==> flow/design.v <==
module u_barrel #(
  parameter DWIDTH = 128,
  parameter LOGN = $clog2(DWIDTH)
) (
  input  wire ck,
  input  wire RST,
  input  wire enable,
  input  wire [DWIDTH-1:0] ch,
  input  wire [LOGN-1:0] sh,
  output reg [DWIDTH-1:0] y
);
  always @(posedge ck) begin
    if (RST) begin
      y <= 0;
    end else if (enable) begin
      y <= ch >> sh;
    end
  end
endmodule
# ---- Step by step through the tools: u_barrel
# The steps from the RTL of u_barrel to its reports follow in flow order.
# Lines are those of the file above, counted from 1.
# Operators: Yosys type, input widths -> output width; for muxes data width and select width s.
# The mark -- stands for no value.
dict set report inputs {
  top_module {u_barrel}
  clock_port {ck}
  library {sky130hd}
  corner {tt_025C_1v80}
}

# ---- Word-level counts
# Source: Yosys, flattened and elaborated, memories not mapped. Widths are those after wreduce; folded enables and synchronous resets count as part of the registers. Registers that Yosys merges into a memory's read port (data or address) are not register bits. Print and check cells do not count. Equal cells are merged and count once.
dict set report word_totals {
  register_bits 128
  out_inout_bits 128
  elab_cells 2
}
dict set report op_classes {
  shift 1
}
# operator count
set op_table {}
lappend op_table {{$shr 128x7->128} 1}

# ---- Depth
# Depth = most cells in a row (Yosys ltp): at word level without a register or memory, in the mapped netlist without a sequential cell, where the memories' decode and read muxes count.
dict set report logic_depth {
  depth_word 1
  ABC_AREA 0
  depth_mapped 11
  mapped_depth_nobuf 6
}

# ---- Mapped cells and area
# Yosys stat after the flow's synthesis: flattened, memories mapped to cells. It holds for the ABC_AREA given above (unset counts as 0); a run with the other value may have another netlist.
# The area totals of this step are shown rounded.
# cell count area_total_um2
set by_type {}
lappend by_type {sky130_fd_sc_hd__mux4_2 145 3.27E+03}
lappend by_type {sky130_fd_sc_hd__dfxtp_1 128 2.56E+03}
lappend by_type {sky130_fd_sc_hd__mux2i_1 130 1.3E+03}
lappend by_type {sky130_fd_sc_hd__mux2_2 108 1.22E+03}
lappend by_type {sky130_fd_sc_hd__nor2_1 170 638.112}
lappend by_type {sky130_fd_sc_hd__a22oi_1 66 495.475}
lappend by_type {sky130_fd_sc_hd__nand2_1 109 409.142}
lappend by_type {sky130_fd_sc_hd__o22ai_1 54 337.824}
lappend by_type {sky130_fd_sc_hd__clkbuf_1 73 274.013}
lappend by_type {sky130_fd_sc_hd__a21oi_1 38 190.182}
lappend by_type {sky130_fd_sc_hd__buf_2 34 170.163}
lappend by_type {sky130_fd_sc_hd__o21ai_1 33 165.158}
lappend by_type {sky130_fd_sc_hd__a211oi_1 21 157.651}
lappend by_type {sky130_fd_sc_hd__nor3_1 23 115.11}
lappend by_type {sky130_fd_sc_hd__a221oi_1 13 113.859}
lappend by_type {sky130_fd_sc_hd__o21ai_0 22 110.106}
lappend by_type {sky130_fd_sc_hd__buf_6 9 101.347}
lappend by_type {sky130_fd_sc_hd__a22o_1 10 87.584}
# Not listed: further types 52, cells in them 204.
dict set report synth_totals {
  mapped_cells 1390
  synth_area_um2 13000
  sequential_area_um2 2600
  flip_flops 128
  n_buf 138
}

# ---- Timing after synthesis
# Source: OpenSTA report_checks on the synthesized netlist (no wires, ideal clock, input and output delay 20% of the period each), path of least setup slack; recovery checks are left aside. Register names are those of the netlist, which keeps one name where synthesis merged equal registers.
dict set report synth_path {
  kind {input port to flip-flop}
  startpoint {input port sh[0]}
  endpoint {register y[31]}
  clock_period_ns 3.42
  input_delay_ns 0.684
  setup_time_ns 0.133
  arrival_time_ns 2.742
  path_slack_ns 0.546
  path_delay_ns 2.191
  driving_pins 10
  period_less_setup_slack_ns 2.874
}
# "path_delay_ns" = arrival - input delay + setup time.
# "driving_pins" counts driving pins, that of a launching flip-flop among them; a cell with two outputs on the path counts twice.
# "period_less_setup_slack_ns" = period - worst setup slack (recovery checks aside). The figure is calculated, with input and output delays left at 20% of the set period.
# The rows between start and end are the longest chain of elaborated cells between them; the timing report does not say that the signal goes this way. Where chains are equally long, one stands for them.
# A line is the first line of the expression or statement that the cell stems from. Yosys adds cells for indexed reads and writes and turns some case tables into memories.
dict set report synth_via {
  cell_sequence {sky130_fd_sc_hd__buf_6 sky130_fd_sc_hd__buf_6 sky130_fd_sc_hd__buf_6 sky130_fd_sc_hd__buf_4 sky130_fd_sc_hd__mux4_2 sky130_fd_sc_hd__mux2_2 sky130_fd_sc_hd__nor2_1 sky130_fd_sc_hd__nor3_1 sky130_fd_sc_hd__a2111oi_0 sky130_fd_sc_hd__a31oi_1}
  elab_chain_len 1
}
# item line_no
set synth_rtl {}
lappend synth_rtl {{from (decl)} 9} ;# input  wire [LOGN-1:0] sh,
lappend synth_rtl {{$shr 128x7->128} 16} ;# y <= ch >> sh;
lappend synth_rtl {{to (assign)} 14} ;# y <= 0;
lappend synth_rtl {{to (assign)} 16}
lappend synth_rtl {{to (decl)} 10} ;# output reg [DWIDTH-1:0] y

# ---- Path in the finished layout
# From the final timing report of run B: the path of least setup slack in the routed layout; clock arrival at registers is part of the times.
dict set report layout_path {
  kind {input port to flip-flop}
  startpoint {input port sh[4]}
  endpoint {register y[46]}
  clock_period_ns 3.42
  input_delay_ns 0.68
  setup_time_ns 0.08
  arrival_time_ns 3.41
  path_slack_ns 0.37
  driving_pins 10
}
# The rows between start and end are the longest chain of elaborated cells between them; the timing report does not say that the signal goes this way. Where chains are equally long, one stands for them.
dict set report layout_via {
  cell_sequence {sky130_fd_sc_hd__clkdlybuf4s50_1 sky130_fd_sc_hd__clkinv_2 sky130_fd_sc_hd__buf_12 sky130_fd_sc_hd__nand2_1 sky130_fd_sc_hd__buf_4 sky130_fd_sc_hd__o22ai_1 sky130_fd_sc_hd__a211oi_1 sky130_fd_sc_hd__buf_4 sky130_fd_sc_hd__a22oi_1 sky130_fd_sc_hd__a311oi_1}
  elab_chain_len 1
}
# item line_no
set layout_rtl {}
lappend layout_rtl {{from (decl)} 9} ;# input  wire [LOGN-1:0] sh,
lappend layout_rtl {{$shr 128x7->128} 16} ;# y <= ch >> sh;
lappend layout_rtl {{to (assign)} 14} ;# y <= 0;
lappend layout_rtl {{to (assign)} 16}
lappend layout_rtl {{to (decl)} 10} ;# output reg [DWIDTH-1:0] y

==> results <==
Settings and measured results of 3 stored flow runs for module u_barrel (sky130hd), not sorted in any way. The constraints put input and output delay at 20% of the set period each and load the outputs with 0.01 pF.
"achieved_period_ns" is the run's clock period less its worst setup slack. It is reckoned from that one timing run; input and output delays stay at 20% of the period that was set.
"timing.worst_path_ns" means the part of the period allowed to the worst setup path (the constraints hold back 20% at inputs and 20% at outputs) less its slack; where the path has registers, the arrival times of their clocks count too.
"final_power_w": no workload was simulated; the value follows from the tool's default switching activity.
Measured values are rounded.

# run A
==> flow/run.sh <==
#!/bin/bash
# the make line also repeats the synthesis and layout settings of config.mk as NAME=value (left out here)
make -C /OpenROAD-flow-scripts/flow DESIGN_CONFIG=/design/flow/config.mk WORK_HOME=/design/flow/orfs CLKGATE_MAP_FILE= finish
==> flow/config.mk <==
export PLATFORM = sky130hd
export DESIGN_NAME = u_barrel
export DESIGN_NICKNAME = u_barrel
export VERILOG_FILES = /design/flow/design.v
export SDC_FILE = /design/flow/constraint.sdc
export NUM_CORES = 4
export LEC_CHECK = 0
export CAP_MARGIN = 20
export CELL_PAD_IN_SITES_DETAIL_PLACEMENT = 0
export CELL_PAD_IN_SITES_GLOBAL_PLACEMENT = 1
export CORE_MARGIN = 2
export CORE_UTILIZATION = 37
export CTS_CLUSTER_SIZE = 86
export GPL_TIMING_DRIVEN = 1
export HOLD_SLACK_MARGIN = 0.01
export MIN_ROUTING_LAYER = met2
export PLACE_DENSITY_LB_ADDON = 0.29
export SETUP_SLACK_MARGIN = -0.03
export SLEW_MARGIN = 20
==> flow/constraint.sdc <==
create_clock -name core_clock -period 3.96 [get_ports {ck}]
set_input_delay 0.7920 -clock core_clock [delete_from_list [all_inputs] [get_ports {ck}]]
set_output_delay 0.7920 -clock core_clock [all_outputs]
set_load 0.01 [all_outputs]

==> run A: results <==
outcome="no final report: routing broke off with GRT-0116"

# run B
==> flow/run.sh <==
#!/bin/bash
# the make line also repeats the synthesis and layout settings of config.mk as NAME=value (left out here)
make -C /OpenROAD-flow-scripts/flow DESIGN_CONFIG=/design/flow/config.mk WORK_HOME=/design/flow/orfs CLKGATE_MAP_FILE= finish
==> flow/config.mk <==
export PLATFORM = sky130hd
export DESIGN_NAME = u_barrel
export DESIGN_NICKNAME = u_barrel
export VERILOG_FILES = /design/flow/design.v
export SDC_FILE = /design/flow/constraint.sdc
export NUM_CORES = 4
export LEC_CHECK = 0
export CAP_MARGIN = 20
export CORE_MARGIN = 2
export CORE_UTILIZATION = 40
export SLEW_MARGIN = 20
==> flow/constraint.sdc <==
create_clock -name core_clock -period 3.42 [get_ports {ck}]
set_input_delay 0.6840 -clock core_clock [delete_from_list [all_inputs] [get_ports {ck}]]
set_output_delay 0.6840 -clock core_clock [all_outputs]
set_load 0.01 [all_outputs]

==> run B: results <==
fin_tns_ns=0.000
hold_ws_ns=0.45
final_power_w=0.0065
ws_setup_ns=0.37
yosys.chip_area_um2=13000
achieved_period_ns=3.054
cell_area_final_um2=18000
timing.worst_path_ns=2.37
path_kind="input port to flip-flop"
final_util_frac=0.55
die_um2=35000

# run C
==> flow/run.sh <==
#!/bin/bash
# the make line also repeats the synthesis and layout settings of config.mk as NAME=value (left out here)
make -C /OpenROAD-flow-scripts/flow DESIGN_CONFIG=/design/flow/config.mk WORK_HOME=/design/flow/orfs CLKGATE_MAP_FILE= finish
==> flow/config.mk <==
export PLATFORM = sky130hd
export DESIGN_NAME = u_barrel
export DESIGN_NICKNAME = u_barrel
export VERILOG_FILES = /design/flow/design.v
export SDC_FILE = /design/flow/constraint.sdc
export NUM_CORES = 4
export LEC_CHECK = 0
export CAP_MARGIN = 20
export CELL_PAD_IN_SITES_DETAIL_PLACEMENT = 2
export CORE_MARGIN = 2
export CORE_UTILIZATION = 67
export CTS_CLUSTER_DIAMETER = 322
export GPL_ROUTABILITY_DRIVEN = 0
export MAX_ROUTING_LAYER = met5
export MIN_ROUTING_LAYER = met1
export SETUP_SLACK_MARGIN = 0.74
export SLEW_MARGIN = 20
export TNS_END_PERCENT = 10
==> flow/constraint.sdc <==
create_clock -name core_clock -period 3.15 [get_ports {ck}]
set_input_delay 0.6300 -clock core_clock [delete_from_list [all_inputs] [get_ports {ck}]]
set_output_delay 0.6300 -clock core_clock [all_outputs]
set_load 0.01 [all_outputs]

==> run C: results <==
outcome="no final report: placement broke off with a tool error"
